==> flow/design.v <==
module switch_rtl #(
   parameter XLEN = 1,
   parameter NUM = 20
) (
   input  core_clk,
   input  reset,
   input  [NUM*XLEN-1:0] bus_in,
   input  [NUM-1:0] idx_in,
   output [XLEN-1:0] o_out
);
   reg [NUM*XLEN-1:0] bus_q;
   reg [NUM-1:0] idx_q;
   reg [XLEN-1:0] tmp;
   integer k;
   always @* begin
      tmp = 0;
      for (k = 0; k < NUM; k = k + 1)
         tmp = tmp | (bus_q[k*XLEN +: XLEN] & {XLEN{idx_q[k]}});
   end
   assign o_out = tmp;
   always @(posedge core_clk) begin
      if (reset) begin
         bus_q <= 0;
         idx_q <= 0;
      end else begin
         bus_q <= bus_in;
         idx_q <= idx_in;
      end
   end
endmodule
Lab notebook: switch_rtl

======== Reports on switch_rtl ========
Tool output for the members of one design family, told apart by "XLEN", in the order of the flow.
The file above is the member XLEN=1. Line numbers count from 1 in each member's own file.
Operators: Yosys type, input widths -> output width; for muxes data width and select width s.
Cell names lack the library's common part.
The mark -- stands for no value.
design
  top module .............................. switch_rtl
  clock port .............................. core_clk
  library ................................. sky130hd
  library corner .......................... tt_025C_1v80

======== Members of the sweep ========
New or changed lines of each further member against the RTL above, in its own file; lines it lacks are not shown.
lines new or changed
  XLEN  line  RTL
  16    2     parameter XLEN = 16,
  24    2     parameter XLEN = 24,

======== Word-level counts ========
Counts by Yosys on the flattened word-level netlist (proc, flatten, opt, wreduce; memories kept). Register bits leave out memories and registers merged into their read ports (data or address); mux counts leave out enables and synchronous resets folded into registers. Print and check cells are left out. Cells with the same type and inputs are merged into one.
cells by class
  XLEN  bitwise operators
  1     39
  16    39
  24    39
operators with widths
  XLEN  kind and count
  1     20 x $and 1x1->1; 19 x $or 1x1->1
  16    20 x $and 16x16->16; 19 x $or 16x16->16
  24    20 x $and 24x24->24; 19 x $or 24x24->24
word-level totals
  XLEN  bits in registers  output and inout port bits
  1     40                 1
  16    340                16
  24    500                24

======== Longest topological paths ========
Yosys ltp: most cells in a row. Word level: on the elaborated netlist, between registers, memories and ports. Mapped: between sequential cells and ports; inverters and the memories' decode and read muxes count.
depth
  XLEN  depth in word-level cells  ABC_AREA  gate-level depth with buffers  gate-level depth less buffers
  1     20                         0         4                              4
  16    20                         0         6                              4
  24    20                         0         5                              4

======== Netlist ========
The flow's flattened synthesis, as Yosys stat reports it; memories are mapped. The netlist is that of the ABC_AREA named above (0 if unset); the other value can give another one.
Totals and module areas in this step are rounded.
mapped netlist
  XLEN  mapped cells  chip area (Yosys) (mm²)  sequential part of the area (mm²)  flip-flops
  1     96            0.0012                   0.0008                             40
  16    950           0.011                    0.0068                             340
  24    1384          0.016                    0.01                               500
cells by type
  XLEN  types with counts
  1     40 x dfxtp_1; 40 x nor2b_1; 3 x a221oi_2; 4 x a22o_1; 2 x a22oi_1; 4 x clkbuf_1; 1 x a221oi_1; 1 x and3_1; 1 x nand4_1
  16    340 x dfxtp_1; 340 x nor2b_1; 64 x a22o_1; 59 x a221oi_1; 32 x a22oi_1; 50 x clkbuf_1; 15 x buf_6; 16 x and3_1; 16 x nand4_1; 5 x a221oi_2; 13 x buf_2
  24    500 x dfxtp_1; 500 x nor2b_1; 93 x a22o_1; 69 x a221oi_1; 27 x a221oi_2; 48 x a22oi_1; 58 x clkbuf_1; 24 x and3_1; 24 x nand4_1; 13 x buf_6; 24 x buf_2; 3 x a22o_2; 1 x buf_4

======== Worst setup path after synthesis ========
Path of least setup slack by OpenSTA after synthesis, without wires, with an ideal clock, recovery checks aside; 20% of the period is set as input and as output delay. Where synthesis merged equal registers, the netlist keeps one of their names.
timing post-synthesis
  XLEN  path type           start              end                   period (ps)  setup slack (ps)  driving pins on the path  path delay (ps)  synthesis period reached (ps)
  1     register -> output  register bus_q[3]  output port o_out[0]  1490         236               5                         956              1254
  16    register -> output  register idx_q[6]  output port o_out[2]  1900         304               7                         1216             1596
  24    register -> output  register idx_q[3]  output port o_out[0]  1820         288               6                         1168             1532
"path delay" is the arrival time less input delay plus setup time.
At an output port there is no setup time.
"driving pins on the path": output pins that drive a net of the path, with the launching flip-flop's if there is one; two outputs of one cell count as two.
"synthesis period reached" = period - worst setup slack (recovery checks aside). The figure is calculated, with input and output delays left at 20% of the set period.
The rows between start and end are the longest chain of elaborated cells between them; the timing report does not say that the signal goes this way. Where chains are equally long, one stands for them.
A line is the first line of the expression or statement that the cell stems from. Yosys adds cells for indexed reads and writes and turns some case tables into memories.
on the way, post-synthesis, XLEN=1
  length of the longest elaborated chain .. 18
ends and longest elaborated chain, post-synthesis, XLEN=1
  what                      line  RTL
  start: declaration        11    reg [NUM*XLEN-1:0] bus_q;
  start: assignment         23    bus_q <= 0;
  start: assignment         26    bus_q <= bus_in;
  $and 1x1->1               18    tmp = tmp | (bus_q[k*XLEN +: XLEN] & {XLEN{idx_q[k]}});
  $or 1x1->1 (17 in a row)  18
  end: declaration          9     output [XLEN-1:0] o_out
on the way, post-synthesis, XLEN=24
  length of the longest elaborated chain .. 18
ends and longest elaborated chain, post-synthesis, XLEN=24
  what                         line  RTL
  start: declaration           12    reg [NUM-1:0] idx_q;
  start: assignment            24    idx_q <= 0;
  start: assignment            27    idx_q <= idx_in;
  $and 24x24->24               18    tmp = tmp | (bus_q[k*XLEN +: XLEN] & {XLEN{idx_q[k]}});
  $or 24x24->24 (17 in a row)  18
  end: declaration             9     output [XLEN-1:0] o_out

======== Worst path after layout ========
Path of least setup slack in the final report of each member's run (OpenROAD, finished layout, wires in). Where an end is a register, its clock arrival counts in the times.
The path's times are printed in steps of 10 ps; the period is the one set.
timing post-layout
  XLEN  path type           start               end                    period (ps)  setup slack (ps)  driving pins on the path  arrival time (ps)  buffers on the path
  1     register -> output  register idx_q[3]   output port o_out[0]   1490         -310              6                         1500               1
  16    register -> output  register idx_q[18]  output port o_out[5]   1900         -560              8                         2080               3
  24    register -> output  register idx_q[6]   output port o_out[20]  1820         -760              8                         2210               3

======== Layout results ========
Settings and results of one run of the flow (Yosys, OpenROAD) for each member follow. The constraints put input and output delay at 20% of the set period each and load the outputs with 0.01 pF.
settings
  CAP_MARGIN .............................. 20
  CORE_MARGIN ............................. 2
  CORE_UTILIZATION ........................ 40
  SLEW_MARGIN ............................. 20
settings that differ
  XLEN  period_ns
  1     1.49
  16    1.9
  24    1.82
results
  XLEN  synthesized cell area (mm²)  die footprint (mm²)  standard-cell area of the final layout (mm²)  final utilization  setup slack of the worst path (ps)  final setup TNS (ps)  worst-case hold slack (ps)  total power after layout (W)
  1     0.0012                       0.0034               0.0017                                        0.61               -310                                -310                  500                         0.0019
  16    0.011                        0.029                0.017                                         0.63               -560                                -7800                 320                         0.017
  24    0.016                        0.042                0.025                                         0.63               -760                                -16000                200                         0.025
"total power after layout": no workload was simulated; the value follows from the tool's default switching activity.
The measured numbers are rounded.
